==> flow/design.v <==
module gen_mul_rtl #(
  parameter int W = 8
) (
  input logic clk,
  input logic valid,
  input logic [W-1:0] dataa_i,
  input logic [W-1:0] datab_i,
  output logic [2*W-1:0] q_o
);
  logic [W-1:0] dataa_ff;
  logic [W-1:0] datab_ff;
  always_ff @(posedge clk) begin
    if (valid) begin
      dataa_ff <= dataa_i;
      datab_ff <= datab_i;
      q_o <= dataa_ff * datab_ff;
    end
  end
endmodule
### From RTL to reports: gen_mul_rtl

What the tools print for gen_mul_rtl, step after step.
Line numbers count from 1 in the design file above.
Operators carry their Yosys type and port widths (W data, S select, Z words).
Library cell names are shortened.
The mark -- stands for no value.

* top module: gen_mul_rtl
* clock: clk
* library: sky130hd
* timing corner: tt_025C_1v80

### Word-level counts

Yosys after proc, flatten, opt, wreduce and memory -nomap, before mapping. Enables and synchronous resets that opt folds into registers are not counted as muxes. Memory bits, and registers merged into a memory's read port (data or address), are not among the register bits. Print and check cells are not counted. Equal cells are merged and count once.

* input bits: 18
* cells after elaboration: 4
* output and inout port bits: 16
* flip-flop bits (word level): 32

* multiply operators: 1

Operators with widths (number)
* $mul A8 B8 Y16: 1

### Depth

Longest topological path by Yosys (ltp), each cell counted once; first at word level (registers and memories cut), then after technology mapping (sequential cells cut; the memories' decode and read muxes count).

* word-level depth: 1
* ABC_AREA: 0
* gate-level depth with buffers: 15
* mapped depth without buffers: 15

### After synthesis

Source: synth_stat.txt of the flow (Yosys; design flattened, memories mapped). It holds for the ABC_AREA given above (unset counts as 0); a run with the other value may have another netlist.
The area totals of this step are shown rounded.

Cell types
* edfxtp_1: number 32, total area 960.922 µm²
* fa_1: number 36, total area 720.691 µm²
* ha_1: number 36, total area 450.432 µm²
* and2_1: number 47, total area 294.032 µm²
* inv_1: number 49, total area 183.926 µm²
* nand2_1: number 23, total area 86.333 µm²
* xnor2_1: number 7, total area 61.309 µm²
* xor2_1: number 4, total area 35.034 µm²
* o21a_1: number 4, total area 30.029 µm²
* a211o_1: number 3, total area 26.275 µm²
* a21oi_1: number 5, total area 25.024 µm²
* nor2_1: number 6, total area 22.522 µm²
* and3_1: number 3, total area 18.768 µm²
* a221oi_2: number 1, total area 15.014 µm²
* o211ai_1: number 2, total area 15.014 µm²
* a211oi_2: number 1, total area 12.512 µm²
* nor2b_1: number 2, total area 12.512 µm²
* nor3b_2: number 1, total area 12.512 µm²

Other cell types: 11; their cells: 13.

* flip-flop cells: 32
* buffers: 0
* cell count: 275
* chip area (Yosys): 0.00307 mm²
* sequential area: 0.000961 mm²

### Path before layout

OpenSTA on the mapped netlist: ideal clock, no wires. The path of least setup slack (recovery checks aside). Input and output delay are each 20% of the period. Register names are those of the netlist, which keeps one name where synthesis merged equal registers.

* path kind: flip-flop to flip-flop
* from: register datab_ff[4]
* to: register q_o[11]
* launch time at the first pin: 0 ps
* data arrival time: 3910 ps
* library setup time: 259 ps
* path buffers: 0
* period: 5210 ps
* driving pins on the path: 16
* data required time: 4951 ps
* slack: 1042 ps
* path delay: 4169 ps
* period reached after synthesis: 4168 ps

"path delay" = arrival - input delay + setup time.
"driving pins on the path" counts driving pins, that of a launching flip-flop among them; a cell with two outputs on the path counts twice.
"period reached after synthesis" is the clock period less the worst setup slack; recovery checks do not enter. This is arithmetic on one report: input and output delays are still those of the set period (20% each).
Between the ends stands the longest chain of elaborated cells between them, by number of cells; it is not shown to be the way that was timed. Of several equally long chains one is given.
A line is the first line of the expression or statement that the cell stems from. Yosys adds cells for indexed reads and writes and turns some case tables into memories.

* cells stage by stage: edfxtp_1 > and2_1 > fa_1 > inv_1 > fa_1 > inv_1 > fa_1 > inv_1 > fa_1 > inv_1 > ha_1 > and2_4 > a221oi_2 > nand2_1 > a31oi_1 > xnor2_1
* length of the longest elaborated chain: 1
* elaborated cells on any way between the ends: 1
* RTL lines with such cells: 1
* classes of those cells: 1 x mul

RTL lines, path post-synthesis
* from (decl): line 11 `logic [W-1:0] datab_ff;`
* from (assign): line 15 `datab_ff <= datab_i;`
* $mul A8 B8 Y16: line 16 `q_o <= dataa_ff * datab_ff;`
* to (assign): line 16
* to (decl): line 8 `output logic [2*W-1:0] q_o`

### Worst path after layout

From the final timing report of flow run A: the path of least setup slack in the routed layout; clock arrival at registers is part of the times.
The report prints the path's times to 10 ps; the period is as set.

* path kind: flip-flop to flip-flop
* from: register datab_ff[4]
* to: register q_o[11]
* slack: 3200 ps
* path buffers: 0
* launch time at the first pin: 280 ps
* data arrival time: 4550 ps
* library setup time: 250 ps
* period: 7720 ps
* driving pins on the path: 16
* data required time: 7760 ps

Between the ends stands the longest chain of elaborated cells between them, by number of cells; it is not shown to be the way that was timed. Of several equally long chains one is given.

* cells stage by stage: edfxtp_1 > and2_1 > fa_1 > inv_1 > fa_1 > inv_1 > fa_1 > inv_1 > fa_1 > inv_1 > ha_1 > and2_4 > a221oi_2 > nand2_1 > a31oi_1 > xnor2_1
* length of the longest elaborated chain: 1
* elaborated cells on any way between the ends: 1
* RTL lines with such cells: 1
* classes of those cells: 1 x mul

RTL lines, path after layout
* from (decl): line 11 `logic [W-1:0] datab_ff;`
* from (assign): line 15 `datab_ff <= datab_i;`
* $mul A8 B8 Y16: line 16 `q_o <= dataa_ff * datab_ff;`
* to (assign): line 16
* to (decl): line 8 `output logic [2*W-1:0] q_o`

# Flow runs of gen_mul_rtl

Record of 3 stored runs of the RTL-to-layout flow on gen_mul_rtl, platform sky130hd. The runs are unordered. Constraints: input delay and output delay 20% of the set period each, output load 0.01 pF.
"clock period achieved" is the run's clock period less its worst setup slack. It is reckoned from that one timing run; input and output delays stay at 20% of the period that was set.
"time used up by the worst setup path" = time allowed to the worst setup path (clock period - input delay - output delay, where it has them) - its slack; a late launch clock adds to it, a late capture clock takes from it.
"total power of the final layout": no workload was simulated; the value follows from the tool's default switching activity.
"time used up by the worst setup path" is given in steps of 10 ps.
Measured values are rounded.

### Flow run A

Settings: `period_ns=7.72`, `CORE_UTILIZATION=38`, `SETUP_SLACK_MARGIN=-0.68`, `PLACE_DENSITY_LB_ADDON=0.06`, `CORE_MARGIN=5`, `CELL_PAD_IN_SITES_GLOBAL_PLACEMENT=3`, `CELL_PAD_IN_SITES_DETAIL_PLACEMENT=2`, `TNS_END_PERCENT=40`, `ABC_AREA=0`, `GPL_ROUTABILITY_DRIVEN=1`, `CTS_CLUSTER_SIZE=90`, `CAP_MARGIN=10`, `MIN_ROUTING_LAYER=met1`, `MAX_ROUTING_LAYER=met4`, `SLEW_MARGIN=20`

- Mapped cell area after synthesis: 0.00307 mm²
- Overall die area: 0.00997 mm²
- Standard-cell area of the final layout: 0.00361 mm²
- Final design utilization: 0.462
- Setup slack of the worst path: 3200 ps
- Sum of negative setup slack: 0 ps
- Smallest hold slack: 759 ps
- Total power of the final layout: 0.0012 W
- Clock period achieved: 4515 ps
- Time used up by the worst setup path: 4520 ps
- Kind of the worst setup path: flip-flop to flip-flop

### Flow run B

Settings: `period_ns=4.31`, `CORE_UTILIZATION=49`, `HOLD_SLACK_MARGIN=0.03`, `CORE_MARGIN=9`, `CELL_PAD_IN_SITES_DETAIL_PLACEMENT=1`, `TNS_END_PERCENT=45`, `GPL_ROUTABILITY_DRIVEN=0`, `CTS_CLUSTER_SIZE=84`, `CTS_CLUSTER_DIAMETER=314`, `CAP_MARGIN=40`, `SLEW_MARGIN=20`

- Mapped cell area after synthesis: 0.00307 mm²
- Overall die area: 0.00943 mm²
- Standard-cell area of the final layout: 0.00387 mm²
- Final design utilization: 0.646
- Setup slack of the worst path: 54 ps
- Sum of negative setup slack: 0 ps
- Smallest hold slack: 757 ps
- Total power of the final layout: 0.00236 W
- Clock period achieved: 4256 ps
- Time used up by the worst setup path: 4260 ps
- Kind of the worst setup path: flip-flop to flip-flop

### Flow run C

Settings: `period_ns=5.21`, `CAP_MARGIN=20`, `CORE_MARGIN=2`, `CORE_UTILIZATION=40`, `SLEW_MARGIN=20`

- Mapped cell area after synthesis: 0.00307 mm²
- Overall die area: 0.00839 mm²
- Standard-cell area of the final layout: 0.00362 mm²
- Final design utilization: 0.494
- Setup slack of the worst path: 808 ps
- Sum of negative setup slack: 0 ps
- Smallest hold slack: 734 ps
- Total power of the final layout: 0.00169 W
- Clock period achieved: 4402 ps
- Time used up by the worst setup path: 4400 ps
- Kind of the worst setup path: flip-flop to flip-flop
